==> flow/design.v <==
module cmp4 (
  input logic [3:0] a,
  input logic [3:0] b,
  input logic gi,
  input logic ei,
  output logic go,
  output logic eo
);
  assign go = (a > b) | ((a == b) & gi);
  assign eo = (a == b) & ei;
endmodule
module u_mag_cmp_blk #(
  parameter DATA_WIDTH = 16
) (
  input  logic core_clk,
  input  logic en,
  input  logic [DATA_WIDTH-1:0] A,
  input  logic [DATA_WIDTH-1:0] B,
  output logic a_gt_b,
  output logic is_eq
);
  logic [DATA_WIDTH-1:0] A_s;
  logic [DATA_WIDTH-1:0] B_s;
  always_ff @(posedge core_clk) begin
    if (en) begin
      A_s <= A;
      B_s <= B;
    end
  end
  localparam NBLK = DATA_WIDTH / 4;
  logic [NBLK:0] g;
  logic [NBLK:0] e;
  assign g[0] = 1'b0;
  assign e[0] = 1'b1;
  for (genvar gi = 0; gi < NBLK; gi++) begin : u_g
    cmp4 el (.a(A_s[4*gi +: 4]), .b(B_s[4*gi +: 4]), .gi(g[gi]), .ei(e[gi]), .go(g[gi+1]), .eo(e[gi+1]));
  end
  assign a_gt_b = g[NBLK];
  assign is_eq = e[NBLK];
endmodule
# Tool chain data of u_mag_cmp_blk
# Module u_mag_cmp_blk in several versions that differ in "DATA_WIDTH"; each step lists the members.
# The RTL above is that of DATA_WIDTH=16; lines are counted from 1 in the file of the member named.
# Library cell names are shortened.
# A cell with n/a has no value.
[setup] top="u_mag_cmp_blk" clock="core_clk" library="sky130hd" pvt_corner="tt_025C_1v80"

# Members of the sweep
# New or changed lines of each further member against the RTL above, in its own file; lines it lacks are not shown.
[src_changes] DATA_WIDTH=28 line_no=13 rtl="parameter DATA_WIDTH = 28"
[src_changes] DATA_WIDTH=40 line_no=13 rtl="parameter DATA_WIDTH = 40"
[src_changes] DATA_WIDTH=72 line_no=13 rtl="parameter DATA_WIDTH = 72"
[src_changes] DATA_WIDTH=96 line_no=13 rtl="parameter DATA_WIDTH = 96"

# After elaboration
# Source: Yosys, flattened and elaborated, memories not mapped. Widths are those after wreduce; folded enables and synchronous resets count as part of the registers. Registers that Yosys merges into a memory's read port (data or address) are not register bits. Print and check cells do not count. Equal cells are merged and count once.
[bits] DATA_WIDTH=16 register_bits=32 latch_bits=0 ramBits=0 romBits=0 clocked_rd_ports_x_width=0 n_memories=0 in_bits=34 output_inout_bits=2 word_cells=19
[bits] DATA_WIDTH=28 register_bits=56 latch_bits=0 ramBits=0 romBits=0 clocked_rd_ports_x_width=0 n_memories=0 in_bits=58 output_inout_bits=2 word_cells=34
[bits] DATA_WIDTH=40 register_bits=80 latch_bits=0 ramBits=0 romBits=0 clocked_rd_ports_x_width=0 n_memories=0 in_bits=82 output_inout_bits=2 word_cells=49
[bits] DATA_WIDTH=72 register_bits=144 latch_bits=0 ramBits=0 romBits=0 clocked_rd_ports_x_width=0 n_memories=0 in_bits=146 output_inout_bits=2 word_cells=89
[bits] DATA_WIDTH=96 register_bits=192 latch_bits=0 ramBits=0 romBits=0 clocked_rd_ports_x_width=0 n_memories=0 in_bits=194 output_inout_bits=2 word_cells=119
[classes] DATA_WIDTH=16 n_addsub=0 mul=0 div_mod_pow=0 compare=4 equal=4 shift=0 n_mux=0 n_logic=9 n_reduce_logical=0
[classes] DATA_WIDTH=28 n_addsub=0 mul=0 div_mod_pow=0 compare=7 equal=7 shift=0 n_mux=0 n_logic=18 n_reduce_logical=0
[classes] DATA_WIDTH=40 n_addsub=0 mul=0 div_mod_pow=0 compare=10 equal=10 shift=0 n_mux=0 n_logic=27 n_reduce_logical=0
[classes] DATA_WIDTH=72 n_addsub=0 mul=0 div_mod_pow=0 compare=18 equal=18 shift=0 n_mux=0 n_logic=51 n_reduce_logical=0
[classes] DATA_WIDTH=96 n_addsub=0 mul=0 div_mod_pow=0 compare=24 equal=24 shift=0 n_mux=0 n_logic=69 n_reduce_logical=0
[op_table] DATA_WIDTH=16 op_list="> comparator 4 bit: 4; equality test 4 bit: 4; bitwise AND 1 bit: 6; OR 1 bit: 3"
[op_table] DATA_WIDTH=28 op_list="> comparator 4 bit: 7; equality test 4 bit: 7; bitwise AND 1 bit: 12; OR 1 bit: 6"
[op_table] DATA_WIDTH=40 op_list="> comparator 4 bit: 10; equality test 4 bit: 10; bitwise AND 1 bit: 18; OR 1 bit: 9"
[op_table] DATA_WIDTH=72 op_list="> comparator 4 bit: 18; equality test 4 bit: 18; bitwise AND 1 bit: 34; OR 1 bit: 17"
[op_table] DATA_WIDTH=96 op_list="> comparator 4 bit: 24; equality test 4 bit: 24; bitwise AND 1 bit: 46; OR 1 bit: 23"

# Logic depth
# Longest topological path by Yosys (ltp), each cell counted once; first at word level (registers and memories cut), then after technology mapping (sequential cells cut; the memories' decode and read muxes count).
[depth] DATA_WIDTH=16 depth_word=7 ABC_AREA=0 depth_mapped=7 depth_no_buf=7
[depth] DATA_WIDTH=28 depth_word=13 ABC_AREA=0 depth_mapped=7 depth_no_buf=7
[depth] DATA_WIDTH=40 depth_word=19 ABC_AREA=0 depth_mapped=7 depth_no_buf=7
[depth] DATA_WIDTH=72 depth_word=35 ABC_AREA=0 depth_mapped=8 depth_no_buf=8
[depth] DATA_WIDTH=96 depth_word=47 ABC_AREA=0 depth_mapped=9 depth_no_buf=9

# Mapped cells and area
# The flow's flattened synthesis, as Yosys stat reports it; memories are mapped. The netlist is that of the ABC_AREA named above (0 if unset); the other value can give another one.
# Totals and module areas in this step are rounded.
[by_type] DATA_WIDTH=16 cell_types="edfxtp_1: 32; ha_1: 16; inv_1: 18; o21ai_0: 6; a21oi_1: 4; nand4_1: 3; nand4_2: 1; nor2_1: 3; o21ai_1: 2; and2b_2: 1; nand3b_1: 1; nor3b_1: 1; a31oi_1: 1; nand2b_1: 1; nor4_1: 1; nor3_1: 1; nand2_1: 1"
[by_type] DATA_WIDTH=28 cell_types="edfxtp_1: 56; ha_1: 28; inv_1: 30; a21oi_1: 7; nand4_1: 5; nand2b_1: 4; nand4_4: 1; o21ai_0: 4; a21o_1: 2; a221oi_2: 1; nor3_1: 3; nor2b_4: 1; nor2_1: 3; a221o_1: 1; a2111oi_0: 1; a211o_1: 1; a21o_2: 1; a221oi_1: 1; (+11)"
[by_type] DATA_WIDTH=40 cell_types="edfxtp_1: 80; ha_1: 40; inv_1: 42; a21oi_1: 11; nand4_1: 8; o21ai_0: 8; nor2b_1: 5; o211ai_1: 4; a211oi_1: 3; nand3_1: 4; nand2b_1: 3; a2111oi_2: 1; a31oi_1: 2; nor4_2: 1; a21boi_2: 1; nand2_1: 3; or3_4: 1; nor3_1: 2; (+8)"
[by_type] DATA_WIDTH=72 cell_types="edfxtp_1: 144; ha_1: 72; inv_1: 80; nand4_1: 17; a21oi_1: 17; a21o_1: 7; nand2b_1: 6; nor2b_1: 6; nor3_1: 7; o21ai_0: 7; a2111oi_2: 2; a2111oi_4: 1; nand2_1: 7; o2111ai_1: 3; a2111o_1: 2; a211oi_1: 3; nor2_1: 6; o21a_1: 3; (+25)"
[by_type] DATA_WIDTH=96 cell_types="edfxtp_1: 192; ha_1: 96; inv_1: 105; nand4_1: 19; a21oi_1: 22; a21o_1: 10; nor2b_1: 12; nand2b_1: 10; nand3_1: 12; o21a_1: 8; o21ai_0: 12; and3_1: 7; o211ai_1: 5; a221oi_1: 4; and4_1: 3; nor4_1: 4; a211oi_1: 3; nand2_1: 6; (+27)"
# The mark (+n) counts cells that are not listed.
[mapped] DATA_WIDTH=16 cells=93 yosys_area_um2=1400 sequential_area_um2=960 ffs=32 n_buf=0
[mapped] DATA_WIDTH=28 cells=161 yosys_area_um2=2500 sequential_area_um2=1700 ffs=56 n_buf=0
[mapped] DATA_WIDTH=40 cells=227 yosys_area_um2=3500 sequential_area_um2=2400 ffs=80 n_buf=0
[mapped] DATA_WIDTH=72 cells=415 yosys_area_um2=6300 sequential_area_um2=4300 ffs=144 n_buf=0
[mapped] DATA_WIDTH=96 cells=557 yosys_area_um2=8400 sequential_area_um2=5800 ffs=192 n_buf=0
# By module: a second synthesis without flattening, with its own total; a netlist apart from the flattened one above.
[unflattened] DATA_WIDTH=16 cells_unflattened=98 area_unflattened_um2=1400
[unflattened] DATA_WIDTH=28 cells_unflattened=170 area_unflattened_um2=2400
[unflattened] DATA_WIDTH=40 cells_unflattened=242 area_unflattened_um2=3500
[unflattened] DATA_WIDTH=72 cells_unflattened=434 area_unflattened_um2=6300
[unflattened] DATA_WIDTH=96 cells_unflattened=578 area_unflattened_um2=8400

# Path before layout
# Path of least setup slack by OpenSTA after synthesis, without wires, with an ideal clock, recovery checks aside; 20% of the period is set as input and as output delay. Where synthesis merged equal registers, the netlist keeps one of their names.
[synth_path] DATA_WIDTH=16 path_kind="register to output" from="register A_s[11]" to="output port a_gt_b" period_ps=1960 setup_slack_ps=312 path_stages=7 delay_ps=1256 period_less_setup_slack_ps=1648
[synth_path] DATA_WIDTH=28 path_kind="register to output" from="register A_s[1]" to="output port a_gt_b" period_ps=2630 setup_slack_ps=422 path_stages=6 delay_ps=1682 period_less_setup_slack_ps=2208
[synth_path] DATA_WIDTH=40 path_kind="register to output" from="register A_s[27]" to="output port is_eq" period_ps=2600 setup_slack_ps=419 path_stages=5 delay_ps=1661 period_less_setup_slack_ps=2181
[synth_path] DATA_WIDTH=72 path_kind="register to output" from="register B_s[16]" to="output port a_gt_b" period_ps=2970 setup_slack_ps=472 path_stages=8 delay_ps=1904 period_less_setup_slack_ps=2498
[synth_path] DATA_WIDTH=96 path_kind="register to output" from="register A_s[51]" to="output port a_gt_b" period_ps=3040 setup_slack_ps=484 path_stages=9 delay_ps=1948 period_less_setup_slack_ps=2556
# "delay_ps" = arrival - input delay + setup time.
# A path that ends at an output port has no setup time.
# "path_stages" counts driving pins, that of a launching flip-flop among them; a cell with two outputs on the path counts twice.
# "period_less_setup_slack_ps" is the clock period less the worst setup slack; recovery checks do not enter. This is arithmetic on one report: input and output delays are still those of the set period (20% each).
# Between the ends stands the longest chain of elaborated cells between them, by number of cells; it is not shown to be the way that was timed. Of several equally long chains one is given.
# Each line given opens the expression or statement behind the cell; cells for indexed reads and writes are added by Yosys, which also makes memories of some case tables.
[synth_between_DATA_WIDTH_16] elab_chain_len=5
[synth_rtl_DATA_WIDTH_16] item="start: declaration" line_no=22 rtl="logic [DATA_WIDTH-1:0] A_s;"
[synth_rtl_DATA_WIDTH_16] item="start: assignment" line_no=26 rtl="A_s <= A;"
[synth_rtl_DATA_WIDTH_16] item="equality test 4 bit" line_no=9 rtl="assign go = (a > b) | ((a == b) & gi);"
[synth_rtl_DATA_WIDTH_16] item="bitwise AND 1 bit" line_no=9
[synth_rtl_DATA_WIDTH_16] item="OR 1 bit" line_no=9
[synth_rtl_DATA_WIDTH_16] item="bitwise AND 1 bit" line_no=9
[synth_rtl_DATA_WIDTH_16] item="OR 1 bit" line_no=9
[synth_rtl_DATA_WIDTH_16] item="end: declaration" line_no=19 rtl="output logic a_gt_b,"
[synth_between_DATA_WIDTH_96] elab_chain_len=25
[synth_rtl_DATA_WIDTH_96] item="start: declaration" line_no=22 rtl="logic [DATA_WIDTH-1:0] A_s;"
[synth_rtl_DATA_WIDTH_96] item="start: assignment" line_no=26 rtl="A_s <= A;"
[synth_rtl_DATA_WIDTH_96] item="equality test 4 bit" line_no=9 rtl="assign go = (a > b) | ((a == b) & gi);"
[synth_rtl_DATA_WIDTH_96] item="bitwise AND 1 bit" line_no=9
[synth_rtl_DATA_WIDTH_96] item="OR 1 bit" line_no=9
[synth_rtl_DATA_WIDTH_96] item="bitwise AND 1 bit" line_no=9
[synth_rtl_DATA_WIDTH_96] item="OR 1 bit" line_no=9
[synth_rtl_DATA_WIDTH_96] item="bitwise AND 1 bit" line_no=9
[synth_rtl_DATA_WIDTH_96] item="OR 1 bit" line_no=9
[synth_rtl_DATA_WIDTH_96] item="[... 11 more ...]"
[synth_rtl_DATA_WIDTH_96] item="OR 1 bit" line_no=9
[synth_rtl_DATA_WIDTH_96] item="bitwise AND 1 bit" line_no=9
[synth_rtl_DATA_WIDTH_96] item="OR 1 bit" line_no=9
[synth_rtl_DATA_WIDTH_96] item="bitwise AND 1 bit" line_no=9
[synth_rtl_DATA_WIDTH_96] item="OR 1 bit" line_no=9
[synth_rtl_DATA_WIDTH_96] item="bitwise AND 1 bit" line_no=9
[synth_rtl_DATA_WIDTH_96] item="OR 1 bit" line_no=9
[synth_rtl_DATA_WIDTH_96] item="end: declaration" line_no=19 rtl="output logic a_gt_b,"

# Timing after layout
# Path of least setup slack in the final report of the run of each member (OpenROAD, finished layout, wires in). Where an end is a register, its clock arrival counts in the times.
# The report prints the path's times to 10 ps; the period is as set.
[layout_path] DATA_WIDTH=16 path_kind="register to output" from="register A_s[10]" to="output port a_gt_b" period_ps=1960 setup_slack_ps=-190 path_stages=8 arrival_time_ps=1760 path_buffers=1
[layout_path] DATA_WIDTH=28 path_kind="register to output" from="register A_s[3]" to="output port a_gt_b" period_ps=2630 setup_slack_ps=-60 path_stages=8 arrival_time_ps=2160 path_buffers=1
[layout_path] DATA_WIDTH=40 path_kind="register to output" from="register A_s[38]" to="output port a_gt_b" period_ps=2600 setup_slack_ps=-50 path_stages=8 arrival_time_ps=2130 path_buffers=2
[layout_path] DATA_WIDTH=72 path_kind="register to output" from="register B_s[16]" to="output port a_gt_b" period_ps=2970 setup_slack_ps=-140 path_stages=9 arrival_time_ps=2510 path_buffers=1
[layout_path] DATA_WIDTH=96 path_kind="register to output" from="register B_s[50]" to="output port a_gt_b" period_ps=3040 setup_slack_ps=-170 path_stages=11 arrival_time_ps=2600 path_buffers=1

# Flow runs
# Settings and results of one run of the flow (Yosys, OpenROAD) for each member follow. The constraints put input and output delay at 20% of the set period each and load the outputs with 0.01 pF.
[settings] CAP_MARGIN=20 CORE_MARGIN=2 CORE_UTILIZATION=40 SLEW_MARGIN=20
[settings_diff] DATA_WIDTH=16 period_ns=1.96
[settings_diff] DATA_WIDTH=28 period_ns=2.63
[settings_diff] DATA_WIDTH=40 period_ns=2.6
[settings_diff] DATA_WIDTH=72 period_ns=2.97
[settings_diff] DATA_WIDTH=96 period_ns=3.04
[results] DATA_WIDTH=16 post_synth_area_um2=1400 die_um2=3900 finish.stdcell_area_um2=1900 fin_util_pct=56 worstSetupSlack_ps=-190 setupTns_ps=-350 hold_worst_slack_ps=610 power.total_mw=1.4 achievedPeriod_ps=2153
[results] DATA_WIDTH=28 post_synth_area_um2=2500 die_um2=6800 finish.stdcell_area_um2=3400 fin_util_pct=57 worstSetupSlack_ps=-59 setupTns_ps=-59 hold_worst_slack_ps=780 power.total_mw=1.8 achievedPeriod_ps=2689
[results] DATA_WIDTH=40 post_synth_area_um2=3500 die_um2=9400 finish.stdcell_area_um2=4800 fin_util_pct=58 worstSetupSlack_ps=-45 setupTns_ps=-45 hold_worst_slack_ps=700 power.total_mw=2.8 achievedPeriod_ps=2645
[results] DATA_WIDTH=72 post_synth_area_um2=6300 die_um2=17000 finish.stdcell_area_um2=8900 fin_util_pct=58 worstSetupSlack_ps=-140 setupTns_ps=-140 hold_worst_slack_ps=630 power.total_mw=5.3 achievedPeriod_ps=3107
[results] DATA_WIDTH=96 post_synth_area_um2=8400 die_um2=22000 finish.stdcell_area_um2=12000 fin_util_pct=57 worstSetupSlack_ps=-170 setupTns_ps=-210 hold_worst_slack_ps=720 power.total_mw=6.2 achievedPeriod_ps=3208
# "achievedPeriod_ps" means the clock period less the worst setup slack. The figure is calculated, with input and output delays left at 20% of the set period.
# "power.total_mw": no workload was simulated; the value follows from the tool's default switching activity.
# Values from the reports are rounded here.
